==> flow/design.v <==
module alu_selector_v2_m2 #(parameter N = 1) (
    input wire [N-1:0] a,
    input wire [N-1:0] b,
    input wire s,
    output wire [N-1:0] y
);
    assign y = (a & {N{~s}}) | (b & {N{s}});
endmodule
module alu_selector_v2 #(
    parameter integer XLEN = 6,
    parameter integer LANES = 4,
    parameter integer SBITS = $clog2(LANES)
) (
    input  i_clk,
    input  rst_ni,
    input  [LANES*XLEN-1:0] src,
    input  [SBITS-1:0] s,
    output reg [XLEN-1:0] res
);
    reg [LANES*XLEN-1:0] src_reg;
    reg [SBITS-1:0] s_reg;
    wire [XLEN-1:0] nd [1:2*LANES-1];
    genvar k;
    generate
        for (k = 0; k < LANES; k = k + 1) begin : u_g
            assign nd[LANES+k] = src_reg[k*XLEN +: XLEN];
        end
        for (k = 1; k < LANES; k = k + 1) begin : g_bit
            alu_selector_v2_m2 #(.N(XLEN)) unit (.a(nd[2*k]), .b(nd[2*k+1]), .s(s_reg[SBITS - $clog2(k+1)]), .y(nd[k]));
        end
    endgenerate
    always @(posedge i_clk or negedge rst_ni) begin
        if (!rst_ni) begin
            src_reg <= 0;
            s_reg <= 0;
            res <= 0;
        end else begin
            src_reg <= src;
            s_reg <= s;
            res <= nd[1];
        end
    end
endmodule
Reports on alu_selector_v2
The steps from the RTL of alu_selector_v2 to its reports follow in flow order.
Line numbers count from 1 in the design file above.
Operators carry their Yosys type and port widths (W data, S select, Z words).
Cell names lack the library's common part.
Not given: -
Design
  design top: alu_selector_v2
  clock: i_clk
  standard-cell library: sky130hd
  timing corner: tt_025C_1v80

Word level
Source: Yosys, flattened and elaborated. Widths are those after wreduce; folded enables and synchronous resets count as part of the registers. Registers that Yosys merges into a memory's read port (data or address) are not register bits. Print and check cells do not count. Equal cells are merged and count once.
Storage and ports
  input bits: 28
  output and inout port bits: 6
  register bits: 32
  word-level cells: 14
Cells by class
  bitwise logic cells: 11
Operators by type and width (count)
  $and A6 B6 Y6: 6
  $or A6 B6 Y6: 3
  $not A1 Y1: 2

Depth
Yosys ltp: most cells in a row. Word level: on the elaborated netlist, between registers, memories and ports. Mapped: between sequential cells and ports; inverters and the memories' decode and read muxes count.
Logic depth
  depth after elaboration: 5
  ABC_AREA: 0
  mapped depth: 2
  mapped depth without buffers: 1

Netlist
Source: synth_stat.txt of the flow (Yosys; design flattened, memories mapped). It holds for the ABC_AREA given above (unset counts as 0); a run with the other value may have another netlist.
Synthesis totals
  mapped flip-flops: 32
  sequential part of the area: 800.8 um2
  cells in the netlist: 39
  buffer cells: 1
  mapped area: 947.2 um2
Cell types
  dfrtp_1: count 32, area in all 800.768 um2
  mux4_2: count 6, area in all 135.13 um2
  buf_6: count 1, area in all 11.261 um2
By module: a second synthesis without flattening, with its own total; a netlist apart from the flattened one above.
Second synthesis, totals
  cells (unflattened synthesis): 53
  area total of the unflattened synthesis: 1104.8 um2
Rows give one instance, submodules left out.
By module
  alu_selector_v2: seq. area 800.8 um2, area 800.8 um2, cells 32, instances 1
  alu_selector_v2_m2 #(N=6): seq. area 0.0 um2, area 101.3 um2, cells 7, instances 3

Path before layout
OpenSTA on the mapped netlist: ideal clock, no wires. The path of least setup slack (recovery checks aside). Input and output delay are each 20% of the period. Register names are those of the netlist, which keeps one name where synthesis merged equal registers.
Timing after synthesis
  path kind: register to register
  from: register s_reg[0]
  to: register res[0]
  library setup time: 0.138 ns
  path buffers: 1
  required time: 1.192 ns
  delay of the path: 1.064 ns
  setup slack: 0.266 ns
  data arrival time: 0.926 ns
  time at the first pin: 0.000 ns
  driving pins on the path: 3
  clock period: 1.33 ns
  synthesis period reached: 1.064 ns
"delay of the path" = arrival - input delay + setup time.
"driving pins on the path" counts driving pins, that of a launching flip-flop among them; a cell with two outputs on the path counts twice.
"synthesis period reached" is the clock period less the worst setup slack; recovery checks do not enter. This is arithmetic on one report: input and output delays are still those of the set period (20% each).
Between the ends stands the longest chain of elaborated cells between them, by number of cells; it is not shown to be the way that was timed. Of several equally long chains one is given.
A line is the first line of the expression or statement that the cell stems from. Yosys adds cells for indexed reads and writes and turns some case tables into memories.
Between the ends, after synthesis
  path through: dfrtp_1 -> buf_6 -> mux4_2
  length of the longest elaborated chain: 5
  elaborated cells between the ends (all ways): 10
  source lines of those cells: 1
  classes of those cells: logic (10)
RTL lines, path after synthesis
  from (decl): line 21  | reg [SBITS-1:0] s_reg;
  from (assign): line 35  | s_reg <= 0;
  from (assign): line 39  | s_reg <= s;
  $not A1 Y1: line 7  | assign y = (a & {N{~s}}) | (b & {N{s}});
  $and A6 B6 Y6: line 7
  $or A6 B6 Y6: line 7
  $and A6 B6 Y6: line 7
  $or A6 B6 Y6: line 7
  to (assign): line 36  | res <= 0;
  to (assign): line 40  | res <= nd[1];
  to (decl): line 18  | output reg [XLEN-1:0] res

Worst path after layout
Path of least setup slack in the final report of entry B (OpenROAD, finished layout, wires in). Where an end is a register, its clock arrival counts in the times.
Timing post-layout
  path kind: register to output
  from: register res[5]
  to: output res[5]
  time at the first pin: 0.33 ns
  setup slack: 0.09 ns
  data arrival time: 0.98 ns
  path buffers: 1
  required time: 1.06 ns
  output delay: 0.27 ns
  clock period: 1.33 ns
  driving pins on the path: 2
Between the ends, post-layout
  path through: dfrtp_1 -> dlygate4sd2_1
  length of the longest elaborated chain: 0
  elaborated cells between the ends (all ways): 0
  source lines of those cells: 0
RTL lines, path post-layout
  from (decl): line 18  | output reg [XLEN-1:0] res
  from (assign): line 36  | res <= 0;
  from (assign): line 40  | res <= nd[1];
  to (decl): line 18

Lab notebook: alu_selector_v2

Settings and measured results of 3 stored flow runs for module alu_selector_v2 (sky130hd), not sorted in any way. The constraints put input and output delay at 20% of the set period each and load the outputs with 0.01 pF.
"achieved clock period (ns)" is the run's clock period less its worst setup slack. It is reckoned from that one timing run; input and output delays stay at 20% of the period that was set.
By "finish__power__total" is meant OpenSTA's value without simulated activity: inputs other than the clock are taken to toggle once in ten clock periods, and the tool carries that through the logic.

settings of entry A
{
  "period_ns": 0.779,
  "CORE_UTILIZATION": 72,
  "PLACE_DENSITY_LB_ADDON": 0.09,
  "CORE_MARGIN": 4,
  "CELL_PAD_IN_SITES_DETAIL_PLACEMENT": 1,
  "CTS_CLUSTER_SIZE": 66,
  "CAP_MARGIN": 15,
  "SLEW_MARGIN": 35,
  "MAX_ROUTING_LAYER": "met4"
}
report of entry A: did not finish, place, FLW-0024

settings of entry B
{
  "period_ns": 1.33,
  "CAP_MARGIN": 20,
  "CORE_MARGIN": 2,
  "CORE_UTILIZATION": 40,
  "SLEW_MARGIN": 20
}
report of entry B
yosys chip area after synthesis (um^2): 947.2
finish__design__die__area: 2773.1
finish__design__instance__utilization: 0.6291
finish__timing__setup__ws: 0.088
finish__power__total: 1.924e-03
achieved clock period (ns): 1.242

settings of entry C
{
  "period_ns": 0.751,
  "CORE_UTILIZATION": 38,
  "SETUP_SLACK_MARGIN": 0.16,
  "PLACE_DENSITY_LB_ADDON": 0.09,
  "CELL_PAD_IN_SITES_DETAIL_PLACEMENT": 2,
  "ABC_AREA": 0,
  "GPL_TIMING_DRIVEN": 1,
  "GPL_ROUTABILITY_DRIVEN": 0,
  "CTS_CLUSTER_SIZE": 38,
  "CAP_MARGIN": 20,
  "CORE_MARGIN": 2,
  "SLEW_MARGIN": 20
}
report of entry C
yosys chip area after synthesis (um^2): 947.2
finish__design__die__area: 2907.9
finish__design__instance__utilization: 0.5779
finish__timing__setup__ws: -0.410
finish__power__total: 3.264e-03
achieved clock period (ns): 1.161
